==> flow/design.v <==
module cpu_switch_blk (clock, in_src, in_addr, out_z_o);
  parameter integer DWIDTH = 6;
  parameter integer COUNT = 20;
  localparam integer SEL_W = $clog2(COUNT);
  input clock;
  input [COUNT*DWIDTH-1:0] in_src;
  input [SEL_W-1:0] in_addr;
  output reg [DWIDTH-1:0] out_z_o;
  wire [COUNT-1:0] dec = {{(COUNT-1){1'b0}}, 1'b1} << in_addr;
  reg [DWIDTH-1:0] work;
  integer t;
  always @* begin
    work = 0;
    for (t = 0; t < COUNT; t = t + 1)
      work = work | (in_src[t*DWIDTH +: DWIDTH] & {DWIDTH{dec[t]}});
  end
  always @(posedge clock) begin
    out_z_o <= work;
  end
endmodule
* Tool chain data of cpu_switch_blk
What the tools print for cpu_switch_blk, step after step.
Lines are those of the file above, counted from 1.
A cell with n/a has no value.
- Top :: cpu_switch_blk
- Clock :: clock
- Library :: sky130hd
- Timing corner :: tt_025C_1v80

* After elaboration
Counts by Yosys on the flattened word-level netlist (proc, flatten, opt, wreduce; memories kept). Register bits leave out memories and registers merged into their read ports (data or address); mux counts leave out enables and synchronous resets folded into registers. Print and check cells are left out. Cells with the same type and inputs are merged into one.
- Shifts and indexed selects :: 1
- Bitwise gates (word level) :: 39
** Operator list (count)
- 6-bit bitwise AND :: 20
- 6-bit OR :: 19
- 1-bit by 5-bit left shift with 20-bit output (first input constant) :: 1
- Register bits :: 6
- Input bits :: 126
- Output and inout bits :: 6
- Cells after elaboration :: 41

* Longest topological paths
Longest topological path by Yosys (ltp), each cell counted once; first at word level (registers and memories cut), then after technology mapping (sequential cells cut; the memories' decode and read muxes count).
- Depth after elaboration :: 21
- ABC_AREA :: 0
- Mapped depth :: 8

* After synthesis
Source: synth_stat.txt of the flow (Yosys; design flattened, memories mapped). It holds for the ABC_AREA given above (unset counts as 0); a run with the other value may have another netlist.
- Cells in the netlist :: 181
- Chip area (Yosys) :: 1340.0 µm²
- Area of sequential cells :: 120.1 µm²
- Mapped flip-flops :: 6
- Buffer cells :: 19
** Cell types
- sky130_fd_sc_hd__mux2i_1 :: count 21, area in all 210.202 µm²
- sky130_fd_sc_hd__dfxtp_1 :: count 6, area in all 120.115 µm²
- sky130_fd_sc_hd__mux4_2 :: count 4, area in all 90.086 µm²
- sky130_fd_sc_hd__nand3_1 :: count 17, area in all 85.082 µm²
- sky130_fd_sc_hd__a31oi_1 :: count 8, area in all 50.048 µm²
- sky130_fd_sc_hd__mux2_2 :: count 4, area in all 45.043 µm²
- sky130_fd_sc_hd__nor2b_1 :: count 7, area in all 43.792 µm²
- sky130_fd_sc_hd__nand2_1 :: count 11, area in all 41.29 µm²
- sky130_fd_sc_hd__buf_2 :: count 8, area in all 40.038 µm²
- sky130_fd_sc_hd__o21ai_0 :: count 8, area in all 40.038 µm²
- sky130_fd_sc_hd__a21oi_1 :: count 7, area in all 35.034 µm²
- sky130_fd_sc_hd__nor2_1 :: count 9, area in all 33.782 µm²
- sky130_fd_sc_hd__a22oi_1 :: count 4, area in all 30.029 µm²
- sky130_fd_sc_hd__nand3b_1 :: count 4, area in all 30.029 µm²
- sky130_fd_sc_hd__a22o_1 :: count 3, area in all 26.275 µm²
- sky130_fd_sc_hd__a311oi_1 :: count 3, area in all 26.275 µm²
- sky130_fd_sc_hd__clkbuf_1 :: count 7, area in all 26.275 µm²
- sky130_fd_sc_hd__buf_6 :: count 2, area in all 22.522 µm²
Not listed: further types 29, cells in them 48.

* Timing after synthesis
Source: OpenSTA report_checks on the synthesized netlist (no wires, ideal clock, input and output delay 20% of the period each), path of least setup slack; recovery checks are left aside. Register names are those of the netlist, which keeps one name where synthesis merged equal registers.
- Path type :: input-to-reg
- From :: in in_addr[0]
- To :: reg out_z_o[4]
- Period :: 2190 ps
- Arrival :: 1708 ps
- Required time :: 2056 ps
- Setup slack :: 347 ps
- Path delay :: 1404 ps
- Stages on the path :: 7
- Synthesis period reached :: 1843 ps
"path delay" = arrival - input delay + setup time.
"stages on the path" counts driving pins, that of a launching flip-flop among them; a cell with two outputs on the path counts twice.
"synthesis period reached" is the clock period less the worst setup slack; recovery checks do not enter. This is arithmetic on one report: input and output delays are still those of the set period (20% each).
The rows between start and end are the longest chain of elaborated cells between them; the timing report does not say that the signal goes this way. Where chains are equally long, one stands for them.
A line is the first line of the expression or statement that the cell stems from. Yosys adds cells for indexed reads and writes and turns some case tables into memories.
- Path through :: sky130_fd_sc_hd__buf_6 -> sky130_fd_sc_hd__and2_4 -> sky130_fd_sc_hd__buf_6 -> sky130_fd_sc_hd__a22o_1 -> sky130_fd_sc_hd__a22oi_1 -> sky130_fd_sc_hd__nand3_1 -> sky130_fd_sc_hd__or4_1
- Length of the longest elaborated chain :: 21
- Elaborated cells between the ends (all ways) :: 40
- RTL lines with such cells :: 2
- Classes of those cells :: shift: 1; logic: 39
** Ends and longest elaborated chain, post-synthesis
- start: declaration :: RTL line 7 : input [SEL_W-1:0] in_addr;
- 1-bit by 5-bit left shift with 20-bit output :: RTL line 9 : wire [COUNT-1:0] dec = {{(COUNT-1){1'b0}}, 1'b1} << in_addr;
- 6-bit bitwise AND :: RTL line 15 : work = work | (in_src[t*DWIDTH +: DWIDTH] & {DWIDTH{dec[t]}});
- 6-bit OR x19 :: RTL line 15
- end: assignment :: RTL line 18 : out_z_o <= work;
- end: declaration :: RTL line 8 : output reg [DWIDTH-1:0] out_z_o;

* Worst path after layout
Path of least setup slack in the final report of job 1 (OpenROAD, finished layout, wires in). Where an end is a register, its clock arrival counts in the times.
The report prints the path's times to 10 ps; the period is as set.
- Path type :: input-to-reg
- From :: in in_addr[1]
- To :: reg out_z_o[5]
- Period :: 2190 ps
- Arrival :: 2230 ps
- Required time :: 2320 ps
- Setup slack :: 80 ps
- Stages on the path :: 6
The rows between start and end are the longest chain of elaborated cells between them; the timing report does not say that the signal goes this way. Where chains are equally long, one stands for them.
- Path through :: sky130_fd_sc_hd__clkdlybuf4s50_1 -> sky130_fd_sc_hd__buf_12 -> sky130_fd_sc_hd__mux4_2 -> sky130_fd_sc_hd__a32o_1 -> sky130_fd_sc_hd__a221oi_1 -> sky130_fd_sc_hd__o221ai_1
- Length of the longest elaborated chain :: 21
- Elaborated cells between the ends (all ways) :: 40
- RTL lines with such cells :: 2
- Classes of those cells :: shift: 1; logic: 39
** Ends and longest elaborated chain, after layout
- start: declaration :: RTL line 7 : input [SEL_W-1:0] in_addr;
- 1-bit by 5-bit left shift with 20-bit output :: RTL line 9 : wire [COUNT-1:0] dec = {{(COUNT-1){1'b0}}, 1'b1} << in_addr;
- 6-bit bitwise AND :: RTL line 15 : work = work | (in_src[t*DWIDTH +: DWIDTH] & {DWIDTH{dec[t]}});
- 6-bit OR x19 :: RTL line 15
- end: assignment :: RTL line 18 : out_z_o <= work;
- end: declaration :: RTL line 8 : output reg [DWIDTH-1:0] out_z_o;

Ticket comment

3 stored runs of cpu_switch_blk in the flow (synthesis by Yosys, layout by OpenROAD, sky130hd cells), in arbitrary order. Constraints: input delay and output delay 20% of the set period each, output load 0.01 pF.
"reached clock period": clock period set for the run, less the worst setup slack. It is reckoned from that one timing run; input and output delays stay at 20% of the period that was set.
"total power of the final layout" rests on the timing tool's default activity at the inputs, not on a simulated workload.

* Job 1
** Files
==> flow/run.sh <==
#!/bin/bash
# the make line also repeats the synthesis and layout settings of config.mk as NAME=value (left out here)
make -C /OpenROAD-flow-scripts/flow DESIGN_CONFIG=/design/flow/config.mk WORK_HOME=/design/flow/orfs CLKGATE_MAP_FILE= finish
==> flow/config.mk <==
export PLATFORM = sky130hd
export DESIGN_NAME = cpu_switch_blk
export DESIGN_NICKNAME = cpu_switch_blk
export VERILOG_FILES = /design/flow/design.v
export SDC_FILE = /design/flow/constraint.sdc
export NUM_CORES = 4
export LEC_CHECK = 0
export CAP_MARGIN = 20
export CORE_MARGIN = 2
export CORE_UTILIZATION = 40
export SLEW_MARGIN = 20
==> flow/constraint.sdc <==
create_clock -name core_clock -period 2.19 [get_ports {clock}]
set_input_delay 0.4380 -clock core_clock [delete_from_list [all_inputs] [get_ports {clock}]]
set_output_delay 0.4380 -clock core_clock [all_outputs]
set_load 0.01 [all_outputs]
** Results
- Mapped cell area after synthesis :: 1340.0 µm²
- Area of the die :: 3829.1 µm²
- Standard-cell area after routing :: 2914.0 µm²
- Setup slack of the worst path :: 85 ps
- Summed negative setup slack :: 0 ps
- Worst hold slack :: 789 ps
- Total power of the final layout :: 775.1 uW
- Reached clock period :: 2105 ps

* Job 2
** Files
==> flow/run.sh <==
#!/bin/bash
# the make line also repeats the synthesis and layout settings of config.mk as NAME=value (left out here)
make -C /OpenROAD-flow-scripts/flow DESIGN_CONFIG=/design/flow/config.mk WORK_HOME=/design/flow/orfs CLKGATE_MAP_FILE= finish
==> flow/config.mk <==
export PLATFORM = sky130hd
export DESIGN_NAME = cpu_switch_blk
export DESIGN_NICKNAME = cpu_switch_blk
export VERILOG_FILES = /design/flow/design.v
export SDC_FILE = /design/flow/constraint.sdc
export NUM_CORES = 4
export LEC_CHECK = 0
export CAP_MARGIN = 30
export CORE_MARGIN = 2
export CORE_UTILIZATION = 15
export GPL_ROUTABILITY_DRIVEN = 0
export SETUP_SLACK_MARGIN = -0.16
export SLEW_MARGIN = 20
export TNS_END_PERCENT = 90
==> flow/constraint.sdc <==
create_clock -name core_clock -period 2.75 [get_ports {clock}]
set_input_delay 0.5500 -clock core_clock [delete_from_list [all_inputs] [get_ports {clock}]]
set_output_delay 0.5500 -clock core_clock [all_outputs]
set_load 0.01 [all_outputs]
** Results
- Mapped cell area after synthesis :: 1340.0 µm²
- Area of the die :: 9705.2 µm²
- Standard-cell area after routing :: 2835.2 µm²
- Setup slack of the worst path :: 407 ps
- Summed negative setup slack :: 0 ps
- Worst hold slack :: 867 ps
- Total power of the final layout :: 633.8 uW
- Reached clock period :: 2343 ps

* Job 3
** Files
==> flow/run.sh <==
#!/bin/bash
# the make line also repeats the synthesis and layout settings of config.mk as NAME=value (left out here)
make -C /OpenROAD-flow-scripts/flow DESIGN_CONFIG=/design/flow/config.mk WORK_HOME=/design/flow/orfs CLKGATE_MAP_FILE= finish
==> flow/config.mk <==
export PLATFORM = sky130hd
export DESIGN_NAME = cpu_switch_blk
export DESIGN_NICKNAME = cpu_switch_blk
export VERILOG_FILES = /design/flow/design.v
export SDC_FILE = /design/flow/constraint.sdc
export NUM_CORES = 4
export LEC_CHECK = 0
export ABC_AREA = 0
export CAP_MARGIN = 20
export CORE_MARGIN = 8
export CORE_UTILIZATION = 19
export CTS_CLUSTER_DIAMETER = 51
export CTS_CLUSTER_SIZE = 40
export GPL_TIMING_DRIVEN = 0
export HOLD_SLACK_MARGIN = 0.2
export MIN_ROUTING_LAYER = met1
export PLACE_DENSITY_LB_ADDON = 0.03
export SETUP_SLACK_MARGIN = -0.33
export SLEW_MARGIN = 20
==> flow/constraint.sdc <==
create_clock -name core_clock -period 3.34 [get_ports {clock}]
set_input_delay 0.6680 -clock core_clock [delete_from_list [all_inputs] [get_ports {clock}]]
set_output_delay 0.6680 -clock core_clock [all_outputs]
set_load 0.01 [all_outputs]
** Results
- Mapped cell area after synthesis :: 1340.0 µm²
- Area of the die :: 9996.0 µm²
- Standard-cell area after routing :: 2797.7 µm²
- Setup slack of the worst path :: 554 ps
- Summed negative setup slack :: 0 ps
- Worst hold slack :: 1065 ps
- Total power of the final layout :: 511.2 uW
- Reached clock period :: 2786 ps
